==> flow/design.v <==
module mul_core_n #(
    parameter NBITS = 11
) (
    input  wire clk_i,
    input  wire resetn,
    input  wire [NBITS-1:0] x,
    input  wire [NBITS-1:0] y,
    output wire [2*NBITS-1:0] m
);
    reg [NBITS-1:0] x_r;
    always @(posedge clk_i or negedge resetn) begin
        if (~resetn) begin
            x_r <= 0;
        end else begin
            x_r <= x;
        end
    end
    reg [NBITS-1:0] y_r;
    always @(posedge clk_i or negedge resetn) begin
        if (~resetn) begin
            y_r <= 0;
        end else begin
            y_r <= y;
        end
    end
    reg [2*NBITS-1:0] val;
    integer n;
    always @* begin
        val = 0;
        for (n = 0; n < NBITS; n = n + 1)
            if (y_r[n]) val = val + (x_r << n);
    end
    assign m = val;
endmodule
-- Step by step through the tools: mul_core_n
What the tools print for mul_core_n, step after step.
Lines are those of the file above, counted from 1.
Library cell names are shortened.
Not given: n/a
- design top: mul_core_n
- clock: clk_i
- library: sky130hd
- corner: tt_025C_1v80

-- Elaborated design
Yosys after proc, flatten, opt, wreduce and memory -nomap, before mapping. Enables and synchronous resets that opt folds into registers are not counted as muxes. Memory bits, and registers merged into a memory's read port (data or address), are not among the register bits. Print and check cells are not counted. Equal cells are merged and count once.
- flip-flop bits (word level): 22
- bits of input ports: 24
- output and inout bits: 22
- noted elaborated cells: 23
- $add $sub $neg: 10
- multiplexer cells at 11
- operators with widths (kind ; number):
    22-bit two-way mux ; 10
    22-bit by 12-bit adder with 22-bit output ; 1
    22-bit by 13-bit adder with 22-bit output ; 1
    22-bit by 14-bit adder with 22-bit output ; 1
    22-bit by 15-bit adder with 22-bit output ; 1
    22-bit by 16-bit adder with 22-bit output ; 1
    22-bit by 17-bit adder with 22-bit output ; 1
    22-bit by 18-bit adder with 22-bit output ; 1
    22-bit by 19-bit adder with 22-bit output ; 1
    22-bit by 20-bit adder with 22-bit output ; 1
    22-bit by 21-bit adder with 22-bit output ; 1
    11-bit two-way mux ; 1

-- Logic depth
Yosys ltp: most cells in a row. Word level: on the elaborated netlist, between registers, memories and ports. Mapped: between sequential cells and ports; inverters and the memories' decode and read muxes count.
- word-level depth at 21
- noted ABC_AREA: 0
- noted gate-level depth with buffers: 68
- depth with buffers taken out: 67

-- Netlist
The flow's flattened synthesis, as Yosys stat reports it; memories are mapped. The netlist is that of the ABC_AREA named above (0 if unset); the other value can give another one.
The area totals of this step are shown rounded.
- noted standard cells after synthesis: 980
- cell area after synthesis at 7240 µm²
- area of sequential cells at 551 µm²
- noted flip-flops: 22
- noted buffers: 30
- cells by type (cell ; number ; area in all (µm²)):
    ha_1 ; 112 ; 1.4E+03
    dfrtp_1 ; 22 ; 550.528
    nand2_1 ; 96 ; 360.346
    xnor2_1 ; 40 ; 350.336
    a21oi_1 ; 69 ; 345.331
    nor2_1 ; 78 ; 292.781
    mux2_2 ; 24 ; 270.259
    o21ai_0 ; 47 ; 235.226
    xor2_1 ; 24 ; 210.202
    fa_1 ; 10 ; 200.192
    a21o_1 ; 25 ; 187.68
    inv_1 ; 50 ; 187.68
    a211oi_1 ; 23 ; 172.666
    o21a_1 ; 22 ; 165.158
    o211ai_1 ; 21 ; 157.651
    nor3_1 ; 28 ; 140.134
    nand2b_1 ; 17 ; 106.352
    nor2b_1 ; 17 ; 106.352
Other cell types: 63; their cells: 255.

-- Path before layout
Path of least setup slack by OpenSTA after synthesis, without wires, with an ideal clock, recovery checks aside; 20% of the period is set as input and as output delay. Where synthesis merged equal registers, the netlist keeps one of their names.
- kind: reg-to-output
- from: reg x_r[2]
- to: out m[19]
- period at 19800 ps
- output delay: 3960 ps
- noted launch time at the first pin: 0 ps
- data arrival time at 12649 ps
- data required time at 15840 ps
- path slack at 3191 ps
- path delay: 12649 ps
- stages: 64
- buffers on the path at 1
- noted synthesis period reached: 16609 ps
"path delay" is the arrival time less input delay plus setup time.
A path that ends at an output port has no setup time.
"stages": output pins that drive a net of the path, with the launching flip-flop's if there is one; two outputs of one cell count as two.
"synthesis period reached" = period - worst setup slack (recovery checks aside). The figure is calculated, with input and output delays left at 20% of the set period.
Between the ends stands the longest chain of elaborated cells between them, by number of cells; it is not shown to be the way that was timed. Of several equally long chains one is given.
A line is the first line of the expression or statement that the cell stems from. Yosys adds cells for indexed reads and writes and turns some case tables into memories.
- cell sequence: dfrtp_1 > clkbuf_1 > nand2_1 > inv_1 > ha_1 > a211o_1 > a22oi_1 > xnor2_1 > nand2_1 > xor2_1 > ha_1 > a211oi_1 > o21bai_1 > a2111oi_0 > or3_1 > xnor2_1 > a21oi_1 > ha_1 > [... 28 more ...] > or3_1 > o21ai_0 > a21oi_1 > xor2_1 > nand2_1 > a21bo_1 > ha_1 > nand2_1 > o21ai_0 > a21boi_0 > xor2_1 > mux2_2 > ha_1 > nand2_1 > o31ai_1 > xor2_1 > a22oi_1 > o21ai_0
- noted length of the longest elaborated chain: 21
- noted elaborated cells between the ends (all ways): 21
- RTL lines with such cells: 1
- those cells by class: add/sub: 10; mux: 11
- RTL lines, path post-synthesis (item ; line ; RTL):
    from (decl) ; 10 ; reg [NBITS-1:0] x_r;
    from (assign) ; 13 ; x_r <= 0;
    from (assign) ; 15 ; x_r <= x;
    11-bit two-way mux ; 31 ; if (y_r[n]) val = val + (x_r << n);
    22-bit by 12-bit adder with 22-bit output ; 31 ;
    22-bit two-way mux ; 31 ;
    22-bit by 13-bit adder with 22-bit output ; 31 ;
    22-bit two-way mux ; 31 ;
    22-bit by 14-bit adder with 22-bit output ; 31 ;
    22-bit two-way mux ; 31 ;
    [... 7 more ...] ; n/a ;
    22-bit two-way mux ; 31 ;
    22-bit by 19-bit adder with 22-bit output ; 31 ;
    22-bit two-way mux ; 31 ;
    22-bit by 20-bit adder with 22-bit output ; 31 ;
    22-bit two-way mux ; 31 ;
    22-bit by 21-bit adder with 22-bit output ; 31 ;
    22-bit two-way mux ; 31 ;
    to (decl) ; 8 ; output wire [2*NBITS-1:0] m

-- Path in the finished layout
From the final timing report of stored run 1: the path of least setup slack in the routed layout; clock arrival at registers is part of the times.
The path's times are printed in steps of 10 ps; the period is the one set.
- kind: reg-to-output
- from: reg y_r[0]
- to: out m[20]
- period at 19800 ps
- output delay: 3960 ps
- noted launch time at the first pin: 290 ps
- data arrival time at 14820 ps
- data required time at 15840 ps
- path slack at 1020 ps
- stages: 67
- buffers on the path at 2
Between the ends stands the longest chain of elaborated cells between them, by number of cells; it is not shown to be the way that was timed. Of several equally long chains one is given.
- cell sequence: dfrtp_1 > buf_4 > nand2_1 > inv_1 > ha_1 > a211o_1 > a22oi_1 > xnor2_1 > nand2_1 > xor2_1 > ha_1 > o21ai_1 > o21bai_1 > a2111oi_2 > or3_1 > xnor2_1 > a21oi_1 > ha_1 > [... 31 more ...] > o21ai_0 > a21oi_1 > xor2_1 > nand2_1 > a21bo_1 > ha_1 > or3_1 > o21ai_0 > a21oi_1 > a31oi_1 > xor2_1 > o21ai_1 > ha_1 > a21o_1 > a31oi_1 > xnor2_1 > mux2_2 > clkdlybuf4s50_1
- noted length of the longest elaborated chain: 21
- noted elaborated cells between the ends (all ways): 21
- RTL lines with such cells: 1
- those cells by class: add/sub: 10; mux: 11
- RTL lines, path post-layout (item ; line ; RTL):
    from (decl) ; 18 ; reg [NBITS-1:0] y_r;
    from (assign) ; 21 ; y_r <= 0;
    from (assign) ; 23 ; y_r <= y;
    11-bit two-way mux ; 31 ; if (y_r[n]) val = val + (x_r << n);
    22-bit by 12-bit adder with 22-bit output ; 31 ;
    22-bit two-way mux ; 31 ;
    22-bit by 13-bit adder with 22-bit output ; 31 ;
    22-bit two-way mux ; 31 ;
    22-bit by 14-bit adder with 22-bit output ; 31 ;
    22-bit two-way mux ; 31 ;
    [... 7 more ...] ; n/a ;
    22-bit two-way mux ; 31 ;
    22-bit by 19-bit adder with 22-bit output ; 31 ;
    22-bit two-way mux ; 31 ;
    22-bit by 20-bit adder with 22-bit output ; 31 ;
    22-bit two-way mux ; 31 ;
    22-bit by 21-bit adder with 22-bit output ; 31 ;
    22-bit two-way mux ; 31 ;
    to (decl) ; 8 ; output wire [2*NBITS-1:0] m

Lab notebook: mul_core_n

Record of 3 stored runs of the RTL-to-layout flow on mul_core_n, platform sky130hd. The runs are unordered. Constraints: input delay and output delay 20% of the set period each, output load 0.01 pF.
"period reached" = clock period - worst setup slack. The figure is calculated, with input and output delays left at 20% of the set period.
"time used up by the worst setup path" means the part of the period allowed to the worst setup path (the constraints hold back 20% at inputs and 20% at outputs) less its slack; where the path has registers, the arrival times of their clocks count too.
"total design power" rests on the timing tool's default activity at the inputs, not on a simulated workload.
"time used up by the worst setup path" is given in steps of 10 ps.
Measured values are rounded.

Stored run 1

==> flow/run.sh <==
#!/bin/bash
# the make line also repeats the synthesis and layout settings of config.mk as NAME=value (left out here)
make -C /OpenROAD-flow-scripts/flow DESIGN_CONFIG=/design/flow/config.mk WORK_HOME=/design/flow/orfs CLKGATE_MAP_FILE= finish
==> flow/config.mk <==
export PLATFORM = sky130hd
export DESIGN_NAME = mul_core_n
export DESIGN_NICKNAME = mul_core_n
export VERILOG_FILES = /design/flow/design.v
export SDC_FILE = /design/flow/constraint.sdc
export NUM_CORES = 4
export LEC_CHECK = 0
export CAP_MARGIN = 20
export CORE_MARGIN = 2
export CORE_UTILIZATION = 40
export SLEW_MARGIN = 20
==> flow/constraint.sdc <==
create_clock -name core_clock -period 19.8 [get_ports {clk_i}]
set_input_delay 3.9600 -clock core_clock [delete_from_list [all_inputs] [get_ports {clk_i}]]
set_output_delay 3.9600 -clock core_clock [all_outputs]
set_load 0.01 [all_outputs]

Measured in stored run 1:
- synthesized cell area: 7240 µm²
- die area at 19200 µm²
- noted the standard-cell area after layout: 8100 µm²
- noted the utilization: 45.4 %
- worst setup slack after layout: 1020 ps
- final setup TNS: 0 ps
- noted the total design power: 0.00149 W
- period reached at 18779 ps
- time used up by the worst setup path: 14820 ps
- worst path kind: reg-to-output

Stored run 2

==> flow/run.sh <==
#!/bin/bash
# the make line also repeats the synthesis and layout settings of config.mk as NAME=value (left out here)
make -C /OpenROAD-flow-scripts/flow DESIGN_CONFIG=/design/flow/config.mk WORK_HOME=/design/flow/orfs CLKGATE_MAP_FILE= finish
==> flow/config.mk <==
export PLATFORM = sky130hd
export DESIGN_NAME = mul_core_n
export DESIGN_NICKNAME = mul_core_n
export VERILOG_FILES = /design/flow/design.v
export SDC_FILE = /design/flow/constraint.sdc
export NUM_CORES = 4
export LEC_CHECK = 0
export CAP_MARGIN = 0
export CELL_PAD_IN_SITES_GLOBAL_PLACEMENT = 3
export CORE_ASPECT_RATIO = 0.96
export CORE_MARGIN = 2
export CORE_UTILIZATION = 52
export CTS_CLUSTER_DIAMETER = 106
export MAX_ROUTING_LAYER = met4
export MIN_ROUTING_LAYER = met1
export PLACE_DENSITY = 0.72
export SETUP_SLACK_MARGIN = -0.03
export SLEW_MARGIN = 20
export TNS_END_PERCENT = 50
==> flow/constraint.sdc <==
create_clock -name core_clock -period 13.6 [get_ports {clk_i}]
set_input_delay 2.7200 -clock core_clock [delete_from_list [all_inputs] [get_ports {clk_i}]]
set_output_delay 2.7200 -clock core_clock [all_outputs]
set_load 0.01 [all_outputs]

Stored run 2: no results, placement failed with GPL-0301.

Stored run 3

==> flow/run.sh <==
#!/bin/bash
# the make line also repeats the synthesis and layout settings of config.mk as NAME=value (left out here)
make -C /OpenROAD-flow-scripts/flow DESIGN_CONFIG=/design/flow/config.mk WORK_HOME=/design/flow/orfs CLKGATE_MAP_FILE= finish
==> flow/config.mk <==
export PLATFORM = sky130hd
export DESIGN_NAME = mul_core_n
export DESIGN_NICKNAME = mul_core_n
export VERILOG_FILES = /design/flow/design.v
export SDC_FILE = /design/flow/constraint.sdc
export NUM_CORES = 4
export LEC_CHECK = 0
export CAP_MARGIN = 0
export CORE_ASPECT_RATIO = 0.69
export CORE_MARGIN = 4
export CORE_UTILIZATION = 23
export CTS_CLUSTER_SIZE = 57
export GPL_TIMING_DRIVEN = 0
export PLACE_DENSITY_LB_ADDON = 0.02
export SLEW_MARGIN = 20
export TNS_END_PERCENT = 15
==> flow/constraint.sdc <==
create_clock -name core_clock -period 12.6 [get_ports {clk_i}]
set_input_delay 2.5200 -clock core_clock [delete_from_list [all_inputs] [get_ports {clk_i}]]
set_output_delay 2.5200 -clock core_clock [all_outputs]
set_load 0.01 [all_outputs]

Measured in stored run 3:
- synthesized cell area: 7240 µm²
- die area at 34400 µm²
- noted the standard-cell area after layout: 10700 µm²
- noted the utilization: 34.9 %
- worst setup slack after layout: -3260 ps
- final setup TNS: -32200 ps
- noted the total design power: 0.00323 W
- period reached at 15858 ps
- time used up by the worst setup path: 13340 ps
- worst path kind: reg-to-output
